==> flow/design.v <==
module switch #(
    parameter int DWIDTH = 2,
    parameter int LANES = 7,
    parameter int LOGN = $clog2(LANES)
) (
    input logic ck,
    input logic clr,
    input logic valid,
    input logic [LANES*DWIDTH-1:0] val,
    input logic [LOGN-1:0] choose,
    output logic [DWIDTH-1:0] data_out
);
    logic [LANES*DWIDTH-1:0] val_d1;
    logic [LOGN-1:0] choose_d1;
    always_ff @(posedge ck or posedge clr) begin
        if (clr) begin
            val_d1 <= 0;
            choose_d1 <= 0;
        end else if (valid) begin
            val_d1 <= val;
            choose_d1 <= choose;
        end
    end
    logic [DWIDTH-1:0] cur;
    always_comb begin
        cur = 0;
        for (int n = 0; n < LANES; n++)
            if (choose_d1 == n) cur = val_d1[n*DWIDTH +: DWIDTH];
    end
    always_ff @(posedge ck or posedge clr) begin
        if (clr) begin
            data_out <= 0;
        end else if (valid) begin
            data_out <= cur;
        end
    end
endmodule
======== From RTL to reports: switch ========
Tool output for the design above, in the order of the flow.
Lines are those of the file above, counted from 1.
Library cell names are shortened.
The mark n/a stands for no value.
inputs
  top ..................................... switch
  clock input ............................. ck
  library ................................. sky130hd
  corner .................................. tt_025C_1v80

======== Word-level counts ========
Yosys after proc, flatten, opt, wreduce and memory -nomap, before mapping. Enables and synchronous resets that opt folds into registers are not counted as muxes. Memory bits, and registers merged into a memory's read port (data or address), are not among the register bits. Print and check cells are not counted. Equal cells are merged and count once.
operators by class
  eq/ne operators ......................... 6
  mux-type cells .......................... 7
  reduce/logical cells .................... 1
operators with widths
  kind                                                      number
  2-bit two-way mux                                         7
  3-bit == test with constant B                             3
  3-bit by 2-bit == test with 1-bit output with constant B  2
  3-bit by 1-bit == test with 1-bit output with constant B  1
  3-bit zero test                                           1
storage and ports
  register bits after elaboration ......... 19
  bits of input ports ..................... 20
  word-level cells ........................ 17

======== Depth ========
Depth = most cells in a row (Yosys ltp): at word level without a register or memory, in the mapped netlist without a sequential cell, where the memories' decode and read muxes count.
logic depth
  word-level depth ........................ 8
  ABC_AREA ................................ 1
  gate-level depth with buffers ........... 7

======== After synthesis ========
Yosys stat after the flow's synthesis: flattened, memories mapped to cells. It holds for the ABC_AREA given above (unset counts as 0); a run with the other value may have another netlist.
mapped netlist
  cell count .............................. 110
  chip area (Yosys) ....................... 857.1 um^2
  sequential part of the area ............. 475.5 um^2
  flip-flops .............................. 19
  buffers ................................. 3
cells by type
  cell type  number
  dfrtp_1    19
  nand2_1    44
  inv_1      11
  nand3_1    8
  o21ai_0    7
  nor2_1     8
  nand4_1    4
  buf_2      3
  or2_2      2
  o21ai_1    2
  clkinv_1   1
  inv_2      1

======== Timing after synthesis ========
OpenSTA on the mapped netlist: ideal clock, no wires. The path of least setup slack (recovery checks aside). Input and output delay are each 20% of the period. Register names are those of the netlist, which keeps one name where synthesis merged equal registers.
path post-synthesis
  path type ............................... register to register
  start point ............................. register (no name shown)
  end point ............................... register data_out[0]
  period .................................. 1.49 ns
  arrival time ............................ 0.883 ns
  data required time ...................... 1.427 ns
  setup slack ............................. 0.544 ns
  delay of the path ....................... 0.946 ns
  stages on the path ...................... 8
  buffers on the path ..................... 0
  synthesis period reached ................ 0.946 ns
"delay of the path" is the arrival time less input delay plus setup time.
"stages on the path" counts driving pins, that of a launching flip-flop among them; a cell with two outputs on the path counts twice.
"synthesis period reached" is the clock period less the worst setup slack; recovery checks do not enter. This is arithmetic on one report: input and output delays are still those of the set period (20% each).
The rows between start and end are the longest chain of elaborated cells between them; the timing report does not say that the signal goes this way. Where chains are equally long, one stands for them.
Each line given opens the expression or statement behind the cell; cells for indexed reads and writes are added by Yosys, which also makes memories of some case tables.
on the way, post-synthesis
  path through ............................ dfrtp_1 > inv_2 > nand3_1 > o21ai_1 > inv_1 > nand4_1 > nand2_1 > inv_1
  cells in the longest elaborated chain ... 8
  elaborated cells between the ends (all ways) .. 14
  source lines of those cells ............. 1
  those cells by class .................... eq/ne (6); mux (7); reduce/logical (1)
ends and longest elaborated chain, post-synthesis
  what                            line  text
  from (decl)                     14
  from (assign)                   18
  from (assign)                   21
  3-bit zero test                 28
  2-bit two-way mux (7 in a row)  28
  to (assign)                     32    data_out <= 0;
  to (assign)                     34    data_out <= cur;
  to (decl)                       11    output logic [DWIDTH-1:0] data_out

======== Timing after layout ========
From the final timing report of run 1: the path of least setup slack in the routed layout; clock arrival at registers is part of the times.
path post-layout
  path type ............................... register to register
  start point ............................. register (no name shown)
  end point ............................... register data_out[1]
  period .................................. 0.8 ns
  arrival time ............................ 1.37 ns
  data required time ...................... 1.06 ns
  setup slack ............................. -0.31 ns
  stages on the path ...................... 8
  buffers on the path ..................... 0
The rows between start and end are the longest chain of elaborated cells between them; the timing report does not say that the signal goes this way. Where chains are equally long, one stands for them.
on the way, post-layout
  path through ............................ dfrtp_2 > inv_1 > nand2_1 > nor2_1 > nand2_1 > nand4_1 > nand2_1 > inv_1
  cells in the longest elaborated chain ... 8
  elaborated cells between the ends (all ways) .. 14
  source lines of those cells ............. 1
  those cells by class .................... eq/ne (6); mux (7); reduce/logical (1)
ends and longest elaborated chain, post-layout
  what                            line  text
  from (decl)                     14
  from (assign)                   18
  from (assign)                   21
  3-bit zero test                 28
  2-bit two-way mux (7 in a row)  28
  to (assign)                     32    data_out <= 0;
  to (assign)                     34    data_out <= cur;
  to (decl)                       11    output logic [DWIDTH-1:0] data_out

## Implementation results

Flow measurements of switch on sky130hd: 3 stored runs with different settings, listed in no order. Input and output delays are each 20% of the period that was set; the output load is 0.01 pF.
"achieved clock period (ns)" is the run's clock period less its worst setup slack. It is reckoned from that one timing run; input and output delays stay at 20% of the period that was set.
By "worst setup path time (ns)" is meant the share of the clock period that the worst setup path is allowed (20% is reserved at inputs, 20% at outputs), minus its slack. Clock arrival times at its registers enter into it.
By "finish__power__total" is meant OpenSTA's value without simulated activity: inputs other than the clock are taken to toggle once in ten clock periods, and the tool carries that through the logic.

Flow files of run 1
==> flow/run.sh <==
#!/bin/bash
# the make line also repeats the synthesis and layout settings of config.mk as NAME=value (left out here)
make -C /OpenROAD-flow-scripts/flow DESIGN_CONFIG=/design/flow/config.mk WORK_HOME=/design/flow/orfs CLKGATE_MAP_FILE= finish
==> flow/config.mk <==
export PLATFORM = sky130hd
export DESIGN_NAME = switch
export DESIGN_NICKNAME = switch
export VERILOG_FILES = /design/flow/design.v
export SDC_FILE = /design/flow/constraint.sdc
export NUM_CORES = 4
export LEC_CHECK = 0
export ABC_AREA = 1
export CAP_MARGIN = 20
export CORE_MARGIN = 2
export CORE_UTILIZATION = 60
export CTS_CLUSTER_DIAMETER = 106
export GPL_TIMING_DRIVEN = 1
export MAX_ROUTING_LAYER = met5
export PLACE_DENSITY = 0.95
export SETUP_SLACK_MARGIN = 0.19
export SLEW_MARGIN = 20
export TNS_END_PERCENT = 15
==> flow/constraint.sdc <==
create_clock -name core_clock -period 0.8 [get_ports {ck}]
set_input_delay 0.1600 -clock core_clock [delete_from_list [all_inputs] [get_ports {ck}]]
set_output_delay 0.1600 -clock core_clock [all_outputs]
set_load 0.01 [all_outputs]

report of run 1
yosys chip area after synthesis (um^2): 857.1
finish__design__die__area: 1746.8
finish__design__instance__area__stdcell: 1161.1
finish__design__instance__utilization: 0.8813
finish__timing__setup__ws: -0.314
finish__timing__setup__tns: -0.980
finish__timing__hold__ws: 0.151
finish__power__total: 2.023e-03
achieved clock period (ns): 1.114
worst setup path time (ns): 1.11
worst setup path kind: register to register

Flow files of run 2
==> flow/run.sh <==
#!/bin/bash
# the make line also repeats the synthesis and layout settings of config.mk as NAME=value (left out here)
make -C /OpenROAD-flow-scripts/flow DESIGN_CONFIG=/design/flow/config.mk WORK_HOME=/design/flow/orfs CLKGATE_MAP_FILE= finish
==> flow/config.mk <==
export PLATFORM = sky130hd
export DESIGN_NAME = switch
export DESIGN_NICKNAME = switch
export VERILOG_FILES = /design/flow/design.v
export SDC_FILE = /design/flow/constraint.sdc
export NUM_CORES = 4
export LEC_CHECK = 0
export ABC_AREA = 1
export CAP_MARGIN = 20
export CELL_PAD_IN_SITES_GLOBAL_PLACEMENT = 3
export CORE_MARGIN = 6
export CORE_UTILIZATION = 33
export CTS_CLUSTER_DIAMETER = 91
export CTS_CLUSTER_SIZE = 13
export MIN_ROUTING_LAYER = met2
export PLACE_DENSITY_LB_ADDON = 0.15
export SETUP_SLACK_MARGIN = 0.41
export SLEW_MARGIN = 35
==> flow/constraint.sdc <==
create_clock -name core_clock -period 1.85 [get_ports {ck}]
set_input_delay 0.3700 -clock core_clock [delete_from_list [all_inputs] [get_ports {ck}]]
set_output_delay 0.3700 -clock core_clock [all_outputs]
set_load 0.01 [all_outputs]

report of run 2: did not finish, place, FLW-0024

Flow files of run 3
==> flow/run.sh <==
#!/bin/bash
# the make line also repeats the synthesis and layout settings of config.mk as NAME=value (left out here)
make -C /OpenROAD-flow-scripts/flow DESIGN_CONFIG=/design/flow/config.mk WORK_HOME=/design/flow/orfs CLKGATE_MAP_FILE= finish
==> flow/config.mk <==
export PLATFORM = sky130hd
export DESIGN_NAME = switch
export DESIGN_NICKNAME = switch
export VERILOG_FILES = /design/flow/design.v
export SDC_FILE = /design/flow/constraint.sdc
export NUM_CORES = 4
export LEC_CHECK = 0
export CAP_MARGIN = 20
export CORE_MARGIN = 2
export CORE_UTILIZATION = 40
export SLEW_MARGIN = 20
==> flow/constraint.sdc <==
create_clock -name core_clock -period 1.49 [get_ports {ck}]
set_input_delay 0.2980 -clock core_clock [delete_from_list [all_inputs] [get_ports {ck}]]
set_output_delay 0.2980 -clock core_clock [all_outputs]
set_load 0.01 [all_outputs]

report of run 3
yosys chip area after synthesis (um^2): 859.6
finish__design__die__area: 2535.6
finish__design__instance__area__stdcell: 1146.1
finish__design__instance__utilization: 0.5725
finish__timing__setup__ws: 0.190
finish__timing__setup__tns: 0.000
finish__timing__hold__ws: 0.305
finish__power__total: 1.096e-03
achieved clock period (ns): 1.300
worst setup path time (ns): 1.30
worst setup path kind: register to register
